==> flow/design.v <==
module my_alu_arith #(
  parameter int DW = 40
) (
  input logic clk,
  input logic rst_n,
  input logic [DW-1:0] src1,
  input logic [DW-1:0] src2,
  output logic [DW-1:0] diff
);
  logic [DW-1:0] src1_d1;
  always_ff @(posedge clk) begin
    if (~rst_n) begin
      src1_d1 <= 0;
    end else begin
      src1_d1 <= src1;
    end
  end
  logic [DW-1:0] src2_d1;
  always_ff @(posedge clk) begin
    if (~rst_n) begin
      src2_d1 <= 0;
    end else begin
      src2_d1 <= src2;
    end
  end
  logic [DW:0] val;
  assign val = src1_d1 - src2_d1;
  assign diff = val[DW] ? {DW{1'b0}} : val[DW-1:0];
endmodule
---- From RTL to reports: my_alu_arith ----
Tool output for the design above, in the order of the flow.
Lines are those of the file above, counted from 1.
Cell names lack the library's common part.
A cell with -- has no value.
set-up
  top module .............................. my_alu_arith
  clock input ............................. clk
  cell library ............................ sky130hd
  library corner .......................... tt_025C_1v80

---- Word-level counts ----
Counts by Yosys on the flattened word-level netlist (proc, flatten, opt, wreduce; memories kept). Register bits leave out memories and registers merged into their read ports (data or address); mux counts leave out enables and synchronous resets folded into registers. Print and check cells are left out. Cells with the same type and inputs are merged into one.
cells by class
  $add $sub $neg .......................... 1
  mux-type cells .......................... 1
operator list
  operator                      count
  subtractor 40 x 40 -> 41 bit  1
  2-to-1 mux 40 bit             1
storage and ports
  register bits ........................... 80
  input port bits ......................... 82
  cells after elaboration ................. 4

---- Depth ----
Yosys ltp: most cells in a row. Word level: on the elaborated netlist, between registers, memories and ports. Mapped: between sequential cells and ports; inverters and the memories' decode and read muxes count.
logic depth
  word-level depth ........................ 2
  ABC_AREA ................................ 0
  mapped depth ............................ 14
  gate-level depth less buffers ........... 12

---- Synthesis result ----
Source: synth_stat.txt of the flow (Yosys; design flattened, memories mapped). It holds for the ABC_AREA given above (unset counts as 0); a run with the other value may have another netlist.
Totals and module areas in this step are rounded.
cells by type
  cell type  count  total area (um^2)
  dfxtp_1    80     1.6E+03
  and2_1     81     506.736
  ha_1       40     500.48
  nor2_1     66     247.738
  a21oi_1    38     190.182
  xnor2_1    20     175.168
  inv_1      44     165.158
  nand2_1    31     116.362
  a21o_1     15     112.608
  xor2_1     11     96.342
  o21ai_0    19     95.091
  a211oi_1   10     75.072
  nor3_1     15     75.072
  nand4_1    9      56.304
  clkbuf_1   13     48.797
  o21a_1     6      45.043
  nand3_1    8      40.038
  a31oi_1    6      37.536
Not listed: further types 37, cells in them 67.
mapped netlist
  standard cells after synthesis .......... 579
  cell area after synthesis ............... 4761 um^2
  sequential part of the area ............. 1602 um^2
  flip-flop cells ......................... 80

---- Worst setup path after synthesis ----
OpenSTA on the mapped netlist: ideal clock, no wires. The path of least setup slack (recovery checks aside). Input and output delay are each 20% of the period. Register names are those of the netlist, which keeps one name where synthesis merged equal registers.
path post-synthesis
  kind .................................... reg2out
  start ................................... register src1_d1[0]
  end ..................................... output diff[28]
  clock period ............................ 3.78 ns
  time at the first pin ................... 0.000 ns
  arrival ................................. 2.420 ns
  slack ................................... 0.604 ns
  delay of the path ....................... 2.420 ns
  stages .................................. 14
  path buffers ............................ 1
  synthesis period reached ................ 3.176 ns
"delay of the path" is the arrival time less input delay plus setup time.
A path that ends at an output port has no setup time.
"stages": output pins that drive a net of the path, with the launching flip-flop's if there is one; two outputs of one cell count as two.
"synthesis period reached" = period - worst setup slack (recovery checks aside). The figure is calculated, with input and output delays left at 20% of the set period.
Between the ends stands the longest chain of elaborated cells between them, by number of cells; it is not shown to be the way that was timed. Of several equally long chains one is given.
Each line given opens the expression or statement behind the cell; cells for indexed reads and writes are added by Yosys, which also makes memories of some case tables.
on the way, post-synthesis
  cell sequence ........................... dfxtp_1 -> inv_1 -> ha_1 -> inv_1 -> fa_1 -> a211oi_1 -> o21ai_2 -> nand3_2 -> a2111oi_4 -> o2111ai_2 -> nand2_2 -> a21boi_2 -> buf_6 -> nor3_1
  length of the longest elaborated chain .. 2
  elaborated cells on any way between the ends .. 2
  RTL lines with such cells ............... 2
RTL lines, path post-synthesis
  element                       line  text
  from (decl)                   10    logic [DW-1:0] src1_d1;
  from (assign)                 13    src1_d1 <= 0;
  from (assign)                 15    src1_d1 <= src1;
  subtractor 40 x 40 -> 41 bit  27    assign val = src1_d1 - src2_d1;
  2-to-1 mux 40 bit             28    assign diff = val[DW] ? {DW{1'b0}} : val[DW-1:0];
  to (decl)                     8     output logic [DW-1:0] diff

---- Path in the finished layout ----
From the final timing report of flow run B: the path of least setup slack in the routed layout; clock arrival at registers is part of the times.
path after layout
  kind .................................... reg2out
  start ................................... register src1_d1[0]
  end ..................................... output diff[34]
  clock period ............................ 5.99 ns
  time at the first pin ................... 0.34 ns
  arrival ................................. 3.56 ns
  slack ................................... 1.23 ns
  stages .................................. 14
  path buffers ............................ 1
Between the ends stands the longest chain of elaborated cells between them, by number of cells; it is not shown to be the way that was timed. Of several equally long chains one is given.
on the way, after layout
  cell sequence ........................... dfxtp_1 -> inv_1 -> ha_1 -> inv_1 -> fa_1 -> a211oi_1 -> o21ai_2 -> nand3_2 -> a211oi_1 -> o21bai_1 -> a21oi_1 -> o21a_1 -> nor3_1 -> clkdlybuf4s50_1
  length of the longest elaborated chain .. 2
  elaborated cells on any way between the ends .. 2
  RTL lines with such cells ............... 2
RTL lines, path after layout
  element                       line  text
  from (decl)                   10    logic [DW-1:0] src1_d1;
  from (assign)                 13    src1_d1 <= 0;
  from (assign)                 15    src1_d1 <= src1;
  subtractor 40 x 40 -> 41 bit  27    assign val = src1_d1 - src2_d1;
  2-to-1 mux 40 bit             28    assign diff = val[DW] ? {DW{1'b0}} : val[DW-1:0];
  to (decl)                     8     output logic [DW-1:0] diff

Below are 3 stored runs of the flow (Yosys, OpenROAD; platform sky130hd) on my_alu_arith, each with its settings and what was measured, unordered. Constraints: input delay and output delay 20% of the set period each, output load 0.01 pF.
"clock period reached" means the clock period less the worst setup slack. The figure is calculated, with input and output delays left at 20% of the set period.
Measured values are rounded.

---- flow run A ----
settings
  period_ns = 4.03
  CORE_UTILIZATION = 57
  SETUP_SLACK_MARGIN = 0.59
  PLACE_DENSITY_LB_ADDON = 0.1
  CORE_ASPECT_RATIO = 0.82
  CORE_MARGIN = 10
  CELL_PAD_IN_SITES_GLOBAL_PLACEMENT = 1
  TNS_END_PERCENT = 60
  ABC_AREA = 1
  GPL_ROUTABILITY_DRIVEN = 0
  CTS_CLUSTER_SIZE = 22
  CTS_CLUSTER_DIAMETER = 382
  SLEW_MARGIN = 35
  MIN_ROUTING_LAYER = met1
  CAP_MARGIN = 20
results
  not finished: placement ended with error FLW-0024

---- flow run B ----
settings
  period_ns = 5.99
  CORE_UTILIZATION = 26
  SETUP_SLACK_MARGIN = 1.02
  PLACE_DENSITY_LB_ADDON = 0.01
  CORE_MARGIN = 3
  CELL_PAD_IN_SITES_GLOBAL_PLACEMENT = 3
  TNS_END_PERCENT = 70
  GPL_ROUTABILITY_DRIVEN = 1
  CTS_CLUSTER_DIAMETER = 62
  CAP_MARGIN = 30
  SLEW_MARGIN = 40
results
  netlist area reported by Yosys .......... 4761 um^2
  die area ................................ 19970 um^2
  standard-cell area after layout ......... 6526 um^2
  lowest setup slack ...................... 1.232 ns
  setup total negative slack .............. 0.000 ns
  post-route worst hold slack ............. 1.415 ns
  clock period reached .................... 4.758 ns

---- flow run C ----
settings
  period_ns = 3.78
  CAP_MARGIN = 20
  CORE_MARGIN = 2
  CORE_UTILIZATION = 40
  SLEW_MARGIN = 20
results
  netlist area reported by Yosys .......... 4761 um^2
  die area ................................ 12790 um^2
  standard-cell area after layout ......... 7087 um^2
  lowest setup slack ...................... 0.043 ns
  setup total negative slack .............. 0.000 ns
  post-route worst hold slack ............. 0.933 ns
  clock period reached .................... 3.737 ns
